==> flow/design.v <==
module dp_adder_rtl #(
    parameter WIDTH = 96
) (
    input wire i_clk,
    input wire i_rst_n,
    input wire [WIDTH-1:0] first_in,
    input wire [WIDTH-1:0] second_in,
    output wire [WIDTH:0] out_out
);
    reg [WIDTH:0] out_r;
    always @(posedge i_clk or negedge i_rst_n) begin
        if (~i_rst_n) begin
            out_r <= 0;
        end else begin
            out_r <= first_in + second_in;
        end
    end
    assign out_out = out_r;
endmodule
# --- Reports on dp_adder_rtl ---
# What the tools print for dp_adder_rtl, step after step.
# Line numbers count from 1 in the design file above.
# Library cell names are shortened.
inputs:
  design: "dp_adder_rtl"
  clk_port: "i_clk"
  lib: "sky130hd"
  lib_corner: "tt_025C_1v80"

# --- Elaborated design ---
# Yosys after proc, flatten, opt, wreduce and memory -nomap, before mapping. Enables and synchronous resets that opt folds into registers are not counted as muxes. Memory bits, and registers merged into a memory's read port (data or address), are not among the register bits. Print and check cells are not counted. Equal cells are merged and count once.
bits:
  inputBits: 194
  word_cells: 2
  reg_bits: 97
  output_inout_bits: 97
classes:
  n_addsub: 1
ops:
  columns: ["cell", "n"]
  rows:
  - ["adder 96 x 96 -> 97 bit", 1]

# --- Longest topological paths ---
# Yosys ltp: most cells in a row. Word level: on the elaborated netlist, between registers, memories and ports. Mapped: between sequential cells and ports; inverters and the memories' decode and read muxes count.
logic_depth:
  ltp_word: 1
  ABC_AREA: 0
  depth_mapped: 13
  depth_no_buf: 13

# --- Synthesis result ---
# Yosys stat after the flow's synthesis: flattened, memories mapped to cells. It holds for the ABC_AREA given above (unset counts as 0); a run with the other value may have another netlist.
# The area totals of this step are shown rounded.
mapped:
  mapped_cells: 980
  ffs: 97
  mapped_area_um2: 8378
types:
  columns: ["cell_type", "n", "type_area_um2"]
  rows:
  - ["dfrtp_1", 97, 2.43E+03]
  - ["ha_1", 96, 1.2E+03]
  - ["a21oi_1", 131, 655.629]
  - ["xnor2_1", 57, 499.229]
  - ["o21ai_0", 70, 350.336]
  - ["a21o_1", 42, 315.302]
  - ["nand2_1", 80, 300.288]
  - ["xor2_1", 34, 297.786]
  - ["nand4_1", 39, 243.984]
  - ["nor2_1", 52, 195.187]
  - ["o21bai_1", 25, 187.68]
  - ["inv_1", 30, 112.608]
  - ["o21a_1", 14, 105.101]
  - ["buf_6", 9, 101.347]
  - ["a31oi_1", 15, 93.84]
  - ["a211oi_1", 11, 82.579]
  - ["clkbuf_1", 22, 82.579]
  - ["nor2b_1", 13, 81.328]
# Not listed: further types 48, cells in them 143.

# --- Worst setup path after synthesis ---
# OpenSTA on the mapped netlist: ideal clock, no wires. The path of least setup slack (recovery checks aside). Input and output delay are each 20% of the period. Register names are those of the netlist, which keeps one name where synthesis merged equal registers.
synth_timing:
  path_kind: "input-to-reg"
  startpoint: "input first_in[0]"
  endpoint: "register out_r[92]"
  path_slack_ns: 0.753
  period_ns: 4.7
  t_first_pin_ns: 0.940
  driving_pins: 13
  in_delay_ns: 0.940
  path_delay_ns: 3.007
  t_required_ns: 4.560
  arrival_ns: 3.807
  setup_ns: 0.140
  path_buffers: 0
  synth_period_reached_ns: 3.947
# "path_delay_ns" is the arrival time less input delay plus setup time.
# "driving_pins": output pins that drive a net of the path, with the launching flip-flop's if there is one; two outputs of one cell count as two.
# "synth_period_reached_ns" is the clock period less the worst setup slack; recovery checks do not enter. This is arithmetic on one report: input and output delays are still those of the set period (20% each).
# Between the ends stands the longest chain of elaborated cells between them, by number of cells; it is not shown to be the way that was timed. Of several equally long chains one is given.
# Each line given opens the expression or statement behind the cell; cells for indexed reads and writes are added by Yosys, which also makes memories of some case tables.
synth_between:
  cell_sequence: "ha_1 > fa_1 > a211oi_1 > o21ai_0 > a211oi_1 > and4bb_2 > o2111ai_1 > a31oi_1 > a31o_2 > a31oi_1 > o21ba_2 > o31ai_1 > xor2_1"
  elab_chain_len: 1
  cone_cells: 1
  cone_lines: 1
synth_lines:
  columns: ["item", "line_no", "text"]
  rows:
  - ["from (decl)", 6, "input wire [WIDTH-1:0] first_in,"]
  - ["adder 96 x 96 -> 97 bit", 15, "out_r <= first_in + second_in;"]
  - ["to (assign)", 13, "out_r <= 0;"]
  - ["to (assign)", 15, null]
  - ["to (decl)", 10, "reg [WIDTH:0] out_r;"]

# --- Timing after layout ---
# Path of least setup slack in the final report of job 2 (OpenROAD, finished layout, wires in). Where an end is a register, its clock arrival counts in the times.
layout_timing:
  path_kind: "input-to-reg"
  startpoint: "input first_in[0]"
  endpoint: "register out_r[92]"
  setup_ns: 0.13
  arrival_ns: 4.66
  driving_pins: 14
  path_slack_ns: 0.26
  t_required_ns: 4.93
  in_delay_ns: 0.94
  t_first_pin_ns: 0.94
  period_ns: 4.7
  path_buffers: 1
# Between the ends stands the longest chain of elaborated cells between them, by number of cells; it is not shown to be the way that was timed. Of several equally long chains one is given.
layout_between:
  cell_sequence: "clkdlybuf4s50_1 > ha_1 > fa_1 > a211oi_1 > o21ai_0 > a211oi_1 > and4bb_2 > o2111ai_1 > a31oi_1 > a31o_2 > a31oi_1 > o21ba_2 > o31ai_1 > xor2_1"
  elab_chain_len: 1
  cone_cells: 1
  cone_lines: 1
layout_lines:
  columns: ["item", "line_no", "text"]
  rows:
  - ["from (decl)", 6, "input wire [WIDTH-1:0] first_in,"]
  - ["adder 96 x 96 -> 97 bit", 15, "out_r <= first_in + second_in;"]
  - ["to (assign)", 13, "out_r <= 0;"]
  - ["to (assign)", 15, null]
  - ["to (decl)", 10, "reg [WIDTH:0] out_r;"]

FLOW RESULTS
============

Record of 3 stored runs of the RTL-to-layout flow on dp_adder_rtl, platform sky130hd. The runs are unordered. Constraints: input delay and output delay 20% of the set period each, output load 0.01 pF.
"period_reached_ns" means the clock period less the worst setup slack. The figure is calculated, with input and output delays left at 20% of the set period.
"timing.worst_path_ns" means the part of the period allowed to the worst setup path (the constraints hold back 20% at inputs and 20% at outputs) less its slack; where the path has registers, the arrival times of their clocks count too.
"final_power_mw": no workload was simulated; the value follows from the tool's default switching activity.
Results are given in rounded form.

--- job 1 ---
==> flow/run.sh <==
#!/bin/bash
# the make line also repeats the synthesis and layout settings of config.mk as NAME=value (left out here)
make -C /OpenROAD-flow-scripts/flow DESIGN_CONFIG=/design/flow/config.mk WORK_HOME=/design/flow/orfs CLKGATE_MAP_FILE= finish
==> flow/config.mk <==
export PLATFORM = sky130hd
export DESIGN_NAME = dp_adder_rtl
export DESIGN_NICKNAME = dp_adder_rtl
export VERILOG_FILES = /design/flow/design.v
export SDC_FILE = /design/flow/constraint.sdc
export NUM_CORES = 4
export LEC_CHECK = 0
export CAP_MARGIN = 5
export CELL_PAD_IN_SITES_DETAIL_PLACEMENT = 1
export CELL_PAD_IN_SITES_GLOBAL_PLACEMENT = 2
export CORE_MARGIN = 7
export CORE_UTILIZATION = 58
export CTS_CLUSTER_DIAMETER = 388
export GPL_TIMING_DRIVEN = 0
export MIN_ROUTING_LAYER = met1
export PLACE_DENSITY = 0.67
export SETUP_SLACK_MARGIN = 1.5
export SLEW_MARGIN = 20
export TNS_END_PERCENT = 80
==> flow/constraint.sdc <==
create_clock -name core_clock -period 5.07 [get_ports {i_clk}]
set_input_delay 1.0140 -clock core_clock [delete_from_list [all_inputs] [get_ports {i_clk}]]
set_output_delay 1.0140 -clock core_clock [all_outputs]
set_load 0.01 [all_outputs]

==> results, as YAML <==
outcome: "unfinished; error GPL-0301 in placement"

--- job 2 ---
==> flow/run.sh <==
#!/bin/bash
# the make line also repeats the synthesis and layout settings of config.mk as NAME=value (left out here)
make -C /OpenROAD-flow-scripts/flow DESIGN_CONFIG=/design/flow/config.mk WORK_HOME=/design/flow/orfs CLKGATE_MAP_FILE= finish
==> flow/config.mk <==
export PLATFORM = sky130hd
export DESIGN_NAME = dp_adder_rtl
export DESIGN_NICKNAME = dp_adder_rtl
export VERILOG_FILES = /design/flow/design.v
export SDC_FILE = /design/flow/constraint.sdc
export NUM_CORES = 4
export LEC_CHECK = 0
export CAP_MARGIN = 20
export CORE_MARGIN = 2
export CORE_UTILIZATION = 40
export SLEW_MARGIN = 20
==> flow/constraint.sdc <==
create_clock -name core_clock -period 4.7 [get_ports {i_clk}]
set_input_delay 0.9400 -clock core_clock [delete_from_list [all_inputs] [get_ports {i_clk}]]
set_output_delay 0.9400 -clock core_clock [all_outputs]
set_load 0.01 [all_outputs]

==> results, as YAML <==
results:
  timing.worst_path_ns: 3.50
  worstPathKind: "input-to-reg"
  final_setup_ws_ns: 0.263
  ys_area_um2: 8378
  fin_tns_ns: 0.000
  layout_stdcell_area_um2: 12020
  final_power_mw: 3.488
  period_reached_ns: 4.437
  final_die_area_um2: 22120
  fin_util_pct: 59.0

--- job 3 ---
==> flow/run.sh <==
#!/bin/bash
# the make line also repeats the synthesis and layout settings of config.mk as NAME=value (left out here)
make -C /OpenROAD-flow-scripts/flow DESIGN_CONFIG=/design/flow/config.mk WORK_HOME=/design/flow/orfs CLKGATE_MAP_FILE= finish
==> flow/config.mk <==
export PLATFORM = sky130hd
export DESIGN_NAME = dp_adder_rtl
export DESIGN_NICKNAME = dp_adder_rtl
export VERILOG_FILES = /design/flow/design.v
export SDC_FILE = /design/flow/constraint.sdc
export NUM_CORES = 4
export LEC_CHECK = 0
export CAP_MARGIN = 15
export CELL_PAD_IN_SITES_GLOBAL_PLACEMENT = 0
export CORE_ASPECT_RATIO = 1.1
export CORE_MARGIN = 2
export CORE_UTILIZATION = 56
export CTS_CLUSTER_DIAMETER = 48
export CTS_CLUSTER_SIZE = 65
export MAX_ROUTING_LAYER = met5
export PLACE_DENSITY = 0.59
export SLEW_MARGIN = 20
==> flow/constraint.sdc <==
create_clock -name core_clock -period 6.27 [get_ports {i_clk}]
set_input_delay 1.2540 -clock core_clock [delete_from_list [all_inputs] [get_ports {i_clk}]]
set_output_delay 1.2540 -clock core_clock [all_outputs]
set_load 0.01 [all_outputs]

==> results, as YAML <==
results:
  timing.worst_path_ns: 3.66
  worstPathKind: "input-to-reg"
  final_setup_ws_ns: 1.360
  ys_area_um2: 8378
  fin_tns_ns: 0.000
  layout_stdcell_area_um2: 11580
  final_power_mw: 2.516
  period_reached_ns: 4.910
  final_die_area_um2: 15960
  fin_util_pct: 79.9
